==> flow/design.v <==
module cmp_unit_mod #(
  parameter W = 10
) (
  input  wire core_clk,
  input  wire [W-1:0] u,
  input  wire [W-1:0] v,
  output wire gt,
  output wire lt
);
  reg [W-1:0] u_r;
  reg [W-1:0] v_r;
  reg g;
  reg l;
  integer t;
  always @* begin
    g = 1'b0;
    l = 1'b0;
    for (t = W-1; t >= 0; t = t - 1) begin
      if (!g && !l) begin
        g = u_r[t] & ~v_r[t];
        l = ~u_r[t] & v_r[t];
      end
    end
  end
  reg gt_r;
  assign gt = gt_r;
  reg lt_r;
  assign lt = lt_r;
  always @(posedge core_clk) begin
    u_r <= u;
    v_r <= v;
    gt_r <= g;
    lt_r <= l;
  end
endmodule
======== Tool chain data of cmp_unit_mod ========
The steps from the RTL of cmp_unit_mod to its reports follow in flow order.
Line numbers count from 1 in the design file above.
Operators: Yosys type, input widths -> output width; for muxes data width and select width s.
A cell with - has no value.
set-up
  top module .............................. cmp_unit_mod
  clock ................................... core_clk
  library ................................. sky130hd
  timing corner ........................... tt_025C_1v80

======== After elaboration ========
Source: Yosys, flattened and elaborated, memories not mapped. Widths are those after wreduce; folded enables and synchronous resets count as part of the registers. Registers that Yosys merges into a memory's read port (data or address) are not register bits. Print and check cells do not count. Equal cells are merged and count once.
word-level totals
  cells after elaboration ................. 89
  input port bits ......................... 21
  output and inout port bits .............. 2
  flip-flop bits (word level) ............. 22
operators by class
  multiplexer cells ....................... 18
  bitwise logic cells ..................... 40
  reductions and logical operators ........ 27
operators with widths
  cell               count
  $and 1x1->1        20
  $not 1->1          20
  $logic_not 1->1    18
  $mux 1             18
  $logic_and 1x1->1  9

======== Logic depth ========
Depth = most cells in a row (Yosys ltp): at word level without a register or memory, in the mapped netlist without a sequential cell, where the memories' decode and read muxes count.
depth
  depth in word-level cells ............... 29
  ABC_AREA ................................ 0
  gate-level depth with buffers ........... 6
  depth with buffers taken out ............ 6

======== After synthesis ========
Yosys stat after the flow's synthesis: flattened, memories mapped to cells. It holds for the ABC_AREA given above (unset counts as 0); a run with the other value may have another netlist.
The area totals of this step are shown rounded.
synthesis totals
  sequential part of the area ............. 440 µm²
  mapped flip-flops ....................... 22
  cell count .............................. 59
  buffer cells ............................ 0
  mapped area ............................. 712 µm²
cell types
  type                       count
  sky130_fd_sc_hd__dfxtp_1   22
  sky130_fd_sc_hd__maj3_2    6
  sky130_fd_sc_hd__ha_1      2
  sky130_fd_sc_hd__nor2b_1   4
  sky130_fd_sc_hd__inv_1     6
  sky130_fd_sc_hd__maj3_1    2
  sky130_fd_sc_hd__nand2b_1  3
  sky130_fd_sc_hd__a21oi_1   3
  sky130_fd_sc_hd__o21ai_1   3
  sky130_fd_sc_hd__or2b_4    1
  sky130_fd_sc_hd__mux2i_1   1
  sky130_fd_sc_hd__o21ai_0   2
  sky130_fd_sc_hd__clkinv_4  1
  sky130_fd_sc_hd__a21o_1    1
  sky130_fd_sc_hd__and2b_1   1
  sky130_fd_sc_hd__nand3b_1  1

======== Worst setup path after synthesis ========
OpenSTA on the mapped netlist: ideal clock, no wires. The path of least setup slack (recovery checks aside). Input and output delay are each 20% of the period. Register names are those of the netlist, which keeps one name where synthesis merged equal registers.
path after synthesis
  path type ............................... register to register
  start ................................... register v_r[0]
  end ..................................... register gt_r
  required time ........................... 1.436 ns
  path slack .............................. 0.309 ns
  data arrival time ....................... 1.127 ns
  buffers on the path ..................... 0
  launch time at the first pin ............ 0.000 ns
  clock period ............................ 1.55 ns
  stages on the path ...................... 6
  delay of the path ....................... 1.241 ns
  period reached after synthesis .......... 1.241 ns
"delay of the path" = arrival - input delay + setup time.
"stages on the path": output pins that drive a net of the path, with the launching flip-flop's if there is one; two outputs of one cell count as two.
"period reached after synthesis" is the clock period less the worst setup slack; recovery checks do not enter. This is arithmetic on one report: input and output delays are still those of the set period (20% each).
Between the ends stands the longest chain of elaborated cells between them, by number of cells; it is not shown to be the way that was timed. Of several equally long chains one is given.
A line is the first line of the expression or statement that the cell stems from. Yosys adds cells for indexed reads and writes and turns some case tables into memories.
on the way, after synthesis
  cell sequence ........................... sky130_fd_sc_hd__dfxtp_1 > sky130_fd_sc_hd__nand2b_1 > sky130_fd_sc_hd__maj3_2 > sky130_fd_sc_hd__a21oi_1 > sky130_fd_sc_hd__maj3_1 > sky130_fd_sc_hd__a21o_1
  cells in the longest elaborated chain ... 3
  elaborated cells on any way between the ends .. 3
  RTL lines with such cells ............... 2
  those cells by class .................... mux (1); logic (2)
RTL lines, path after synthesis
  what           line  RTL
  from (decl)    11    reg [W-1:0] v_r;
  from (assign)  31    v_r <= v;
  $not 1->1      20    g = u_r[t] & ~v_r[t];
  $and 1x1->1    20
  $mux 1         19    if (!g && !l) begin
  to (assign)    32    gt_r <= g;
  to (decl)      25    reg gt_r;

======== Path in the finished layout ========
From the final timing report of entry A: the path of least setup slack in the routed layout; clock arrival at registers is part of the times.
path post-layout
  path type ............................... register to output
  start ................................... register gt_r
  end ..................................... output port gt
  launch time at the first pin ............ 0.25 ns
  required time ........................... 1.66 ns
  stages on the path ...................... 2
  data arrival time ....................... 1.10 ns
  buffers on the path ..................... 1
  path slack .............................. 0.57 ns
  external output delay ................... 0.42 ns
  clock period ............................ 2.08 ns
on the way, post-layout
  cell sequence ........................... sky130_fd_sc_hd__dfxtp_1 > sky130_fd_sc_hd__clkdlybuf4s50_1
  cells in the longest elaborated chain ... 0
  elaborated cells on any way between the ends .. 0
  RTL lines with such cells ............... 0
RTL lines, path post-layout
  what           line  RTL
  from (decl)    25    reg gt_r;
  from (assign)  32    gt_r <= g;
  to (decl)      7     output wire gt,

Module cmp_unit_mod, platform sky130hd: 3 stored runs of the flow (Yosys, OpenROAD) with differing settings, in no particular order. Input and output delays are each 20% of the period that was set; the output load is 0.01 pF.
"period achieved" is the run's clock period less its worst setup slack. It is reckoned from that one timing run; input and output delays stay at 20% of the period that was set.
"time on the worst setup path" means the part of the period allowed to the worst setup path (the constraints hold back 20% at inputs and 20% at outputs) less its slack; where the path has registers, the arrival times of their clocks count too.
"total design power" is the tool's figure for a default switching activity; nothing was simulated.
The results are shown rounded.

======== entry A ========
==> flow/run.sh <==
#!/bin/bash
# the make line also repeats the synthesis and layout settings of config.mk as NAME=value (left out here)
make -C /OpenROAD-flow-scripts/flow DESIGN_CONFIG=/design/flow/config.mk WORK_HOME=/design/flow/orfs CLKGATE_MAP_FILE= finish
==> flow/config.mk <==
export PLATFORM = sky130hd
export DESIGN_NAME = cmp_unit_mod
export DESIGN_NICKNAME = cmp_unit_mod
export VERILOG_FILES = /design/flow/design.v
export SDC_FILE = /design/flow/constraint.sdc
export NUM_CORES = 4
export LEC_CHECK = 0
export CAP_MARGIN = 20
export CELL_PAD_IN_SITES_DETAIL_PLACEMENT = 1
export CORE_ASPECT_RATIO = 0.8
export CORE_MARGIN = 2
export CORE_UTILIZATION = 24
export CTS_CLUSTER_DIAMETER = 344
export MAX_ROUTING_LAYER = met5
export SETUP_SLACK_MARGIN = -0.15
export SLEW_MARGIN = 20
export TNS_END_PERCENT = 15
==> flow/constraint.sdc <==
create_clock -name core_clock -period 2.08 [get_ports {core_clk}]
set_input_delay 0.4160 -clock core_clock [delete_from_list [all_inputs] [get_ports {core_clk}]]
set_output_delay 0.4160 -clock core_clock [all_outputs]
set_load 0.01 [all_outputs]

-------- measured, entry A --------
  standard-cell area after routing ........ 1030 µm²
  setup total negative slack .............. 0.000 ns
  post-synthesis cell area ................ 712 µm²
  worst hold slack in the final report .... 0.595 ns
  period achieved ......................... 1.513 ns
  utilization in the final report ......... 0.371
  total design power ...................... 860 uW
  worst setup slack after layout .......... 0.567 ns
  time on the worst setup path ............ 1.10 ns
  kind of the worst setup path ............ register to output
  area of the die ......................... 3420 µm²

======== entry B ========
==> flow/run.sh <==
#!/bin/bash
# the make line also repeats the synthesis and layout settings of config.mk as NAME=value (left out here)
make -C /OpenROAD-flow-scripts/flow DESIGN_CONFIG=/design/flow/config.mk WORK_HOME=/design/flow/orfs CLKGATE_MAP_FILE= finish
==> flow/config.mk <==
export PLATFORM = sky130hd
export DESIGN_NAME = cmp_unit_mod
export DESIGN_NICKNAME = cmp_unit_mod
export VERILOG_FILES = /design/flow/design.v
export SDC_FILE = /design/flow/constraint.sdc
export NUM_CORES = 4
export LEC_CHECK = 0
export CAP_MARGIN = 20
export CELL_PAD_IN_SITES_GLOBAL_PLACEMENT = 2
export CORE_ASPECT_RATIO = 0.84
export CORE_MARGIN = 2
export CORE_UTILIZATION = 47
export CTS_CLUSTER_DIAMETER = 207
export PLACE_DENSITY_LB_ADDON = 0.18
export SETUP_SLACK_MARGIN = 0.11
export SLEW_MARGIN = 35
export TNS_END_PERCENT = 10
==> flow/constraint.sdc <==
create_clock -name core_clock -period 1.32 [get_ports {core_clk}]
set_input_delay 0.2640 -clock core_clock [delete_from_list [all_inputs] [get_ports {core_clk}]]
set_output_delay 0.2640 -clock core_clock [all_outputs]
set_load 0.01 [all_outputs]

-------- entry B --------
  incomplete, placement halted on FLW-0024

======== entry C ========
==> flow/run.sh <==
#!/bin/bash
# the make line also repeats the synthesis and layout settings of config.mk as NAME=value (left out here)
make -C /OpenROAD-flow-scripts/flow DESIGN_CONFIG=/design/flow/config.mk WORK_HOME=/design/flow/orfs CLKGATE_MAP_FILE= finish
==> flow/config.mk <==
export PLATFORM = sky130hd
export DESIGN_NAME = cmp_unit_mod
export DESIGN_NICKNAME = cmp_unit_mod
export VERILOG_FILES = /design/flow/design.v
export SDC_FILE = /design/flow/constraint.sdc
export NUM_CORES = 4
export LEC_CHECK = 0
export CAP_MARGIN = 20
export CORE_MARGIN = 2
export CORE_UTILIZATION = 40
export SLEW_MARGIN = 20
==> flow/constraint.sdc <==
create_clock -name core_clock -period 1.55 [get_ports {core_clk}]
set_input_delay 0.3100 -clock core_clock [delete_from_list [all_inputs] [get_ports {core_clk}]]
set_output_delay 0.3100 -clock core_clock [all_outputs]
set_load 0.01 [all_outputs]

-------- measured, entry C --------
  post-synthesis cell area ................ 712 µm²
  utilization in the final report ......... 0.577
  worst setup slack after layout .......... 0.103 ns
  setup total negative slack .............. 0.000 ns
  area of the die ......................... 2130 µm²
  period achieved ......................... 1.447 ns
  total design power ...................... 986 uW
  worst hold slack in the final report .... 0.449 ns
  time on the worst setup path ............ 1.14 ns
  kind of the worst setup path ............ register to output
  standard-cell area after routing ........ 986 µm²
